==> flow/design.v <==
module compare (clock, rstn, d_i, mx_o);
  parameter DW = 36;
  parameter N_IN = 4;
  input clock;
  input rstn;
  input [N_IN*DW-1:0] d_i;
  output [DW-1:0] mx_o;
  reg [DW-1:0] cur;
  integer i;
  always @(*) begin
    cur = d_i[DW-1:0];
    for (i = 1; i < N_IN; i = i + 1)
      if (d_i[i*DW +: DW] > cur) cur = d_i[i*DW +: DW];
  end
  reg [DW-1:0] mx_reg;
  always @(posedge clock or negedge rstn) begin
    if (!rstn) begin
      mx_reg <= 0;
    end else begin
      mx_reg <= cur;
    end
  end
  assign mx_o = mx_reg;
endmodule
==> From RTL to reports: compare <==
Tool output for the design above, in the order of the flow.
Lines are those of the file above, counted from 1.
Operators: Yosys type, input widths -> output width; for muxes data width and select width s.
Library cell names are shortened.
{ "inputs": {"design": "compare", "clock_port": "clock", "library": "sky130hd", "lib_corner": "tt_025C_1v80"} }

==> Word-level counts <==
Yosys after proc, flatten, opt, wreduce and memory -nomap, before mapping. Enables and synchronous resets that opt folds into registers are not counted as muxes. Memory bits, and registers merged into a memory's read port (data or address), are not among the register bits. Print and check cells are not counted. Equal cells are merged and count once.
{ "classes": {"compare": 3, "muxes": 3} }
{ "op_table": {"columns": ["op", "count"], "rows": [
  ["$gt 36x36->1", 3],
  ["$mux 36", 3]
]} }
{ "word_totals": {"register_bits": 36, "out_inout_bits": 36, "inputBits": 146, "wordCells": 7} }

==> Longest topological paths <==
Longest topological path by Yosys (ltp), each cell counted once; first at word level (registers and memories cut), then after technology mapping (sequential cells cut; the memories' decode and read muxes count).
{ "depth": {"word_depth": 6, "ABC_AREA": 0, "mapped_depth": 31, "depth_no_buf": 25} }

==> After synthesis <==
Yosys stat after the flow's synthesis: flattened, memories mapped to cells. It holds for the ABC_AREA given above (unset counts as 0); a run with the other value may have another netlist.
{ "synth_totals": {"stdcells": 595, "area_um2": 4997.3, "flip_flops": 36} }
{ "by_type": {"columns": ["type", "count", "type_area_um2"], "rows": [
  ["ha_1", 108, 1.35E+03],
  ["dfrtp_1", 36, 900.864],
  ["mux2i_1", 36, 360.346],
  ["a21o_1", 40, 300.288],
  ["nor2_1", 76, 285.274],
  ["nor3b_1", 36, 270.259],
  ["a211oi_1", 35, 262.752],
  ["a21oi_1", 42, 210.202],
  ["inv_1", 41, 153.898],
  ["nand4_1", 23, 143.888],
  ["nand2_1", 21, 78.826],
  ["a211oi_2", 5, 62.56],
  ["clkbuf_1", 16, 60.058],
  ["nand3_1", 12, 60.058],
  ["o21ai_0", 10, 50.048],
  ["buf_8", 3, 45.043],
  ["buf_4", 3, 22.522],
  ["o211ai_1", 3, 22.522]
]} }
Other cell types: 30; their cells: 49.

==> Timing after synthesis <==
OpenSTA on the mapped netlist: ideal clock, no wires. The path of least setup slack (recovery checks aside). Input and output delay are each 20% of the period. Register names are those of the netlist, which keeps one name where synthesis merged equal registers.
{ "synth_timing": {"path_type": "input to register", "from": "in d_i[26]", "to": "reg mx_reg[11]", "required_ns": 9.634, "tclk_ns": 9.77, "path_stages": 30, "setup_time_ns": 0.136, "path_buffers": 7, "setup_slack_ns": 1.565, "path_delay_ns": 6.251, "arrival_ns": 8.069, "synth_period_reached_ns": 8.205} }
"path_delay_ns" is the arrival time less input delay plus setup time.
"path_stages" counts driving pins, that of a launching flip-flop among them; a cell with two outputs on the path counts twice.
"synth_period_reached_ns" is the clock period less the worst setup slack; recovery checks do not enter. This is arithmetic on one report: input and output delays are still those of the set period (20% each).
Between the ends stands the longest chain of elaborated cells between them, by number of cells; it is not shown to be the way that was timed. Of several equally long chains one is given.
Each line given opens the expression or statement behind the cell; cells for indexed reads and writes are added by Yosys, which also makes memories of some case tables.
{ "synth_between": {"cell_sequence": "inv_1 ha_1 nand4_2 nor4_2 nand2_1 or4_1 o31ai_1 buf_6 buf_8 mux2i_1 ha_1 nor2b_1 o211ai_1 a211oi_1 o41a_1 o21bai_1 buf_2 clkbuf_1 buf_1 a21o_1 ha_1 a21oi_1 nand2_1 a221o_1 a2111o_1 o21ai_1 and2_1 buf_2 buf_4 a211oi_1", "elab_chain_cells": 6} }
{ "synth_rtl": {"columns": ["element", "line", "source"], "rows": [
  ["start: declaration", 6, "input [N_IN*DW-1:0] d_i;"],
  ["$gt 36x36->1", 13, "if (d_i[i*DW +: DW] > cur) cur = d_i[i*DW +: DW];"],
  ["$mux 36", 13, null],
  ["$gt 36x36->1", 13, null],
  ["$mux 36", 13, null],
  ["$gt 36x36->1", 13, null],
  ["$mux 36", 13, null],
  ["end: assignment", 18, "mx_reg <= 0;"],
  ["end: assignment", 20, "mx_reg <= cur;"],
  ["end: declaration", 15, "reg [DW-1:0] mx_reg;"]
]} }

==> Timing after layout <==
From the final timing report of flow run A: the path of least setup slack in the routed layout; clock arrival at registers is part of the times.
{ "layout_timing": {"path_type": "input to register", "from": "in d_i[26]", "to": "reg mx_reg[15]", "setup_slack_ns": 0.65, "required_ns": 9.92, "path_buffers": 4, "tclk_ns": 9.77, "path_stages": 28, "arrival_ns": 9.27, "setup_time_ns": 0.14} }
Between the ends stands the longest chain of elaborated cells between them, by number of cells; it is not shown to be the way that was timed. Of several equally long chains one is given.
{ "layout_between": {"cell_sequence": "clkdlybuf4s50_1 inv_1 ha_1 nand4_2 nor4_2 nand2_1 or4_1 o31ai_4 buf_12 mux2i_1 ha_1 a21oi_1 o21ai_0 a221oi_1 o221ai_1 o21bai_4 buf_4 nor2_1 a21o_1 ha_1 a21oi_1 o21ai_0 a221o_1 a2111o_1 o21ai_4 and2_1 buf_4 a211oi_1", "elab_chain_cells": 6} }
{ "layout_rtl": {"columns": ["element", "line", "source"], "rows": [
  ["start: declaration", 6, "input [N_IN*DW-1:0] d_i;"],
  ["$gt 36x36->1", 13, "if (d_i[i*DW +: DW] > cur) cur = d_i[i*DW +: DW];"],
  ["$mux 36", 13, null],
  ["$gt 36x36->1", 13, null],
  ["$mux 36", 13, null],
  ["$gt 36x36->1", 13, null],
  ["$mux 36", 13, null],
  ["end: assignment", 18, "mx_reg <= 0;"],
  ["end: assignment", 20, "mx_reg <= cur;"],
  ["end: declaration", 15, "reg [DW-1:0] mx_reg;"]
]} }

compare through Yosys and OpenROAD on sky130hd: 3 stored runs, unordered, with their settings and measured results. The constraints put input and output delay at 20% of the set period each and load the outputs with 0.01 pF.
"achieved clock period (ns)": clock period set for the run, less the worst setup slack. It is reckoned from that one timing run; input and output delays stay at 20% of the period that was set.
By "worst setup path time (ns)" is meant the share of the clock period that the worst setup path is allowed (20% is reserved at inputs, 20% at outputs), minus its slack. Clock arrival times at its registers enter into it.
"finish__power__total": no workload was simulated; the value follows from the tool's default switching activity.

settings of flow run A
{
  "period_ns": 9.77,
  "CAP_MARGIN": 20,
  "CORE_MARGIN": 2,
  "CORE_UTILIZATION": 40,
  "SLEW_MARGIN": 20
}
report of flow run A
yosys chip area after synthesis (um^2): 4997.3
finish__design__die__area: 13403.9
finish__design__instance__area__stdcell: 7133.1
finish__design__instance__utilization: 0.5889
finish__timing__setup__ws: 0.646
finish__timing__setup__tns: 0.000
finish__timing__hold__ws: 1.797
finish__power__total: 1.107e-03
achieved clock period (ns): 9.124
worst setup path time (ns): 7.17
worst setup path kind: input to register

settings of flow run B
{
  "period_ns": 5.6,
  "CORE_UTILIZATION": 43,
  "SETUP_SLACK_MARGIN": 0.64,
  "PLACE_DENSITY_LB_ADDON": 0.0,
  "CELL_PAD_IN_SITES_GLOBAL_PLACEMENT": 2,
  "CTS_CLUSTER_DIAMETER": 193,
  "CAP_MARGIN": 20,
  "CORE_MARGIN": 2,
  "SLEW_MARGIN": 20
}
report of flow run B: did not finish, place, FLW-0024

settings of flow run C
{
  "period_ns": 6.6,
  "CORE_UTILIZATION": 24,
  "PLACE_DENSITY_LB_ADDON": 0.12,
  "CELL_PAD_IN_SITES_GLOBAL_PLACEMENT": 0,
  "GPL_TIMING_DRIVEN": 1,
  "GPL_ROUTABILITY_DRIVEN": 0,
  "CAP_MARGIN": 20,
  "CORE_MARGIN": 2,
  "SLEW_MARGIN": 20
}
report of flow run C
yosys chip area after synthesis (um^2): 4997.3
finish__design__die__area: 21992.9
finish__design__instance__area__stdcell: 10309.9
finish__design__instance__utilization: 0.5063
finish__timing__setup__ws: -0.732
finish__timing__setup__tns: -24.307
finish__timing__hold__ws: 1.182
finish__power__total: 2.402e-03
achieved clock period (ns): 7.332
worst setup path time (ns): 6.01
worst setup path kind: input to register
